==> flow/design.v <==
module addsub_mod #(
  parameter int BITS = 72
) (
  input  logic aclk,
  input  logic aresetn,
  input  logic [BITS-1:0] i_opa,
  input  logic i_minus,
  input  logic i_zero,
  output logic [BITS-1:0] o_q
);
  logic [BITS-1:0] opa_d1;
  logic minus_d1;
  logic zero_d1;
  logic [BITS-1:0] acc;
  assign o_q = acc;
  always_ff @(posedge aclk or negedge aresetn) begin
    if (~aresetn) begin
      opa_d1 <= 0;
      minus_d1 <= 1'b0;
      zero_d1 <= 1'b0;
      acc <= 0;
    end else begin
      opa_d1 <= i_opa;
      minus_d1 <= i_minus;
      zero_d1 <= i_zero;
      acc <= zero_d1 ? opa_d1 : minus_d1 ? acc - opa_d1 : acc + opa_d1;
    end
  end
endmodule
* From RTL to reports: addsub_mod
The steps from the RTL of addsub_mod to its reports follow in flow order. Lines are those of the file above, counted from 1. Cell names lack the library's common part. The mark - stands for no value.
Inputs: top addsub_mod, clock input aclk, cell library sky130hd, library corner tt_025C_1v80

* After elaboration
Counts by Yosys on the flattened word-level netlist (proc, flatten, opt, wreduce; memories kept). Register bits leave out memories and registers merged into their read ports (data or address); mux counts leave out enables and synchronous resets folded into registers. Print and check cells are left out. Cells with the same type and inputs are merged into one.
Operators by class: $add $sub $neg 2, muxes and demuxes 2
Operators by type and width (count):
- two-way mux 72 bit | 2
- adder 72 bit | 1
- subtractor 72 bit | 1
Storage and ports: flip-flop bits (word level) 146, input port bits 76, output and inout port bits 72

* Logic depth
Depth = most cells in a row (Yosys ltp): at word level without a register or memory, in the mapped netlist without a sequential cell, where the memories' decode and read muxes count.
Depth: depth after elaboration 3, ABC_AREA 0, gate-level depth with buffers 23, gate-level depth less buffers 23

* Synthesis result
Source: synth_stat.txt of the flow (Yosys; design flattened, memories mapped). It holds for the ABC_AREA given above (unset counts as 0); a run with the other value may have another netlist.
Cells by type:
- dfrtp_1 | count 146, area in all 3.65E+03 µm²
- ha_1 | count 72, area in all 900.864 µm²
- xnor2_1 | count 96, area in all 840.806 µm²
- a21oi_1 | count 126, area in all 630.605 µm²
- o21ai_0 | count 112, area in all 560.538 µm²
- nand2_1 | count 130, area in all 487.968 µm²
- nor2_1 | count 93, area in all 349.085 µm²
- xor2_1 | count 34, area in all 297.786 µm²
- a21o_1 | count 28, area in all 210.202 µm²
- inv_1 | count 48, area in all 180.173 µm²
- clkbuf_1 | count 47, area in all 176.419 µm²
- a31oi_1 | count 27, area in all 168.912 µm²
- nor3_1 | count 32, area in all 160.154 µm²
- nand4_1 | count 23, area in all 143.888 µm²
- o21bai_1 | count 17, area in all 127.622 µm²
- nand3_1 | count 21, area in all 105.101 µm²
- and3_1 | count 14, area in all 87.584 µm²
- a21boi_0 | count 10, area in all 75.072 µm²
Not listed: further types 48, cells in them 148.
Synthesis totals: standard cells after synthesis 1224, cell area after synthesis 10343.7 µm², sequential area 3653.5 µm², flip-flops 146

* Path before layout
OpenSTA on the mapped netlist: ideal clock, no wires. The path of least setup slack (recovery checks aside). Input and output delay are each 20% of the period. Register names are those of the netlist, which keeps one name where synthesis merged equal registers.
Timing path post-synthesis: kind reg-to-reg, start point reg opa_d1[14], end point reg acc[71], period 6.04 ns, library setup time 0.128 ns, launch time at the first pin 0.000 ns, arrival 4.702 ns, data required time 5.912 ns, setup slack 1.210 ns, path delay 4.830 ns, stages on the path 22, buffers on the path 0, synthesis period reached 4.83 ns
"path delay" is the arrival time less input delay plus setup time. "stages on the path" counts driving pins, that of a launching flip-flop among them; a cell with two outputs on the path counts twice. "synthesis period reached" = period - worst setup slack (recovery checks aside). The figure is calculated, with input and output delays left at 20% of the set period. The rows between start and end are the longest chain of elaborated cells between them; the timing report does not say that the signal goes this way. Where chains are equally long, one stands for them. A line is the first line of the expression or statement that the cell stems from. Yosys adds cells for indexed reads and writes and turns some case tables into memories.
Between the ends, post-synthesis: cells stage by stage dfrtp_1 -> or4_4 -> or3_4 -> nor4_4 -> nor3b_2 -> and2b_2 -> and2_4 -> nand2_1 -> nor3_1 -> a21oi_1 -> xnor2_1 -> ha_1 -> a21o_1 -> a21o_1 -> a21oi_1 -> nor2_1 -> a211oi_1 -> o21ai_0 -> a311oi_1 -> nand3_1 -> nor3b_2 -> xor2_1, length of the longest elaborated chain 3, elaborated cells on any way between the ends 4, RTL lines with such cells 1
Ends and longest elaborated chain, post-synthesis:
- from (decl) | RTL line 11 | logic [BITS-1:0] opa_d1;
- from (assign) | RTL line 18 | opa_d1 <= 0;
- from (assign) | RTL line 23 | opa_d1 <= i_opa;
- adder 72 bit | RTL line 26 | acc <= zero_d1 ? opa_d1 : minus_d1 ? acc - opa_d1 : acc + opa_d1;
- two-way mux 72 bit x2 | RTL line 26
- to (assign) | RTL line 21 | acc <= 0;
- to (assign) | RTL line 26
- to (decl) | RTL line 14 | logic [BITS-1:0] acc;

* Worst path after layout
Path of least setup slack in the final report of stored run 1 (OpenROAD, finished layout, wires in). Where an end is a register, its clock arrival counts in the times.
Timing path post-layout: kind reg-to-reg, start point reg opa_d1[16], end point reg acc[71], period 7.27 ns, library setup time 0.12 ns, launch time at the first pin 0.44 ns, arrival 6.78 ns, data required time 7.58 ns, setup slack 0.80 ns, stages on the path 22, buffers on the path 0
The rows between start and end are the longest chain of elaborated cells between them; the timing report does not say that the signal goes this way. Where chains are equally long, one stands for them.
Between the ends, post-layout: cells stage by stage dfrtp_1 -> or4_4 -> or3_4 -> nor4_4 -> nor3b_2 -> and2b_2 -> and2_4 -> nand2_1 -> nor3_1 -> a21oi_1 -> xnor2_1 -> ha_1 -> a21o_1 -> a21o_1 -> a21oi_1 -> nor2_1 -> a211oi_1 -> o21ai_0 -> a311oi_1 -> nand3_1 -> nor3b_2 -> xor2_1, length of the longest elaborated chain 3, elaborated cells on any way between the ends 4, RTL lines with such cells 1
Ends and longest elaborated chain, post-layout:
- from (decl) | RTL line 11 | logic [BITS-1:0] opa_d1;
- from (assign) | RTL line 18 | opa_d1 <= 0;
- from (assign) | RTL line 23 | opa_d1 <= i_opa;
- adder 72 bit | RTL line 26 | acc <= zero_d1 ? opa_d1 : minus_d1 ? acc - opa_d1 : acc + opa_d1;
- two-way mux 72 bit x2 | RTL line 26
- to (assign) | RTL line 21 | acc <= 0;
- to (assign) | RTL line 26
- to (decl) | RTL line 14 | logic [BITS-1:0] acc;

Module addsub_mod, platform sky130hd: 2 stored runs of the flow (Yosys, OpenROAD) with differing settings, in no particular order. Input and output delays are each 20% of the period that was set; the output load is 0.01 pF.
"clock period achieved" is the run's clock period less its worst setup slack. It is reckoned from that one timing run; input and output delays stay at 20% of the period that was set.
"critical setup path time": the worst setup path's part of the clock period (all of it between registers, 20% less for each end at a port) less its slack. A launch clock that arrives late makes it longer, a capture clock that arrives late makes it shorter.
"power consumption" is the tool's figure for a default switching activity; nothing was simulated.

[stored run 1] flow files
==> flow/run.sh <==
#!/bin/bash
# the make line also repeats the synthesis and layout settings of config.mk as NAME=value (left out here)
make -C /OpenROAD-flow-scripts/flow DESIGN_CONFIG=/design/flow/config.mk WORK_HOME=/design/flow/orfs CLKGATE_MAP_FILE= finish
==> flow/config.mk <==
export PLATFORM = sky130hd
export DESIGN_NAME = addsub_mod
export DESIGN_NICKNAME = addsub_mod
export VERILOG_FILES = /design/flow/design.v
export SDC_FILE = /design/flow/constraint.sdc
export NUM_CORES = 4
export LEC_CHECK = 0
export CAP_MARGIN = 20
export CELL_PAD_IN_SITES_GLOBAL_PLACEMENT = 3
export CORE_ASPECT_RATIO = 1.09
export CORE_MARGIN = 9
export CORE_UTILIZATION = 36
export GPL_TIMING_DRIVEN = 0
export PLACE_DENSITY = 0.77
export SLEW_MARGIN = 20
export TNS_END_PERCENT = 30
==> flow/constraint.sdc <==
create_clock -name core_clock -period 7.27 [get_ports {aclk}]
set_input_delay 1.4540 -clock core_clock [delete_from_list [all_inputs] [get_ports {aclk}]]
set_output_delay 1.4540 -clock core_clock [all_outputs]
set_load 0.01 [all_outputs]

[stored run 1] result: overall die area 35163.8 µm²; clock period achieved 6.466 ns; worst setup slack after layout 0.804 ns; Yosys chip area after synthesis 10343.7 µm²; summed negative setup slack 0.000 ns; power consumption 5443 uW; standard-cell area after layout 12968.7 µm²; critical setup path time 6.47 ns; class of the worst setup path reg-to-reg

[stored run 2] flow files
==> flow/run.sh <==
#!/bin/bash
# the make line also repeats the synthesis and layout settings of config.mk as NAME=value (left out here)
make -C /OpenROAD-flow-scripts/flow DESIGN_CONFIG=/design/flow/config.mk WORK_HOME=/design/flow/orfs CLKGATE_MAP_FILE= finish
==> flow/config.mk <==
export PLATFORM = sky130hd
export DESIGN_NAME = addsub_mod
export DESIGN_NICKNAME = addsub_mod
export VERILOG_FILES = /design/flow/design.v
export SDC_FILE = /design/flow/constraint.sdc
export NUM_CORES = 4
export LEC_CHECK = 0
export CAP_MARGIN = 20
export CORE_MARGIN = 2
export CORE_UTILIZATION = 40
export SLEW_MARGIN = 20
==> flow/constraint.sdc <==
create_clock -name core_clock -period 6.04 [get_ports {aclk}]
set_input_delay 1.2080 -clock core_clock [delete_from_list [all_inputs] [get_ports {aclk}]]
set_output_delay 1.2080 -clock core_clock [all_outputs]
set_load 0.01 [all_outputs]

[stored run 2] result: overall die area 27160.7 µm²; clock period achieved 5.643 ns; worst setup slack after layout 0.397 ns; Yosys chip area after synthesis 10343.7 µm²; summed negative setup slack 0.000 ns; power consumption 6357 uW; standard-cell area after layout 12657.1 µm²; critical setup path time 5.64 ns; class of the worst setup path reg-to-reg
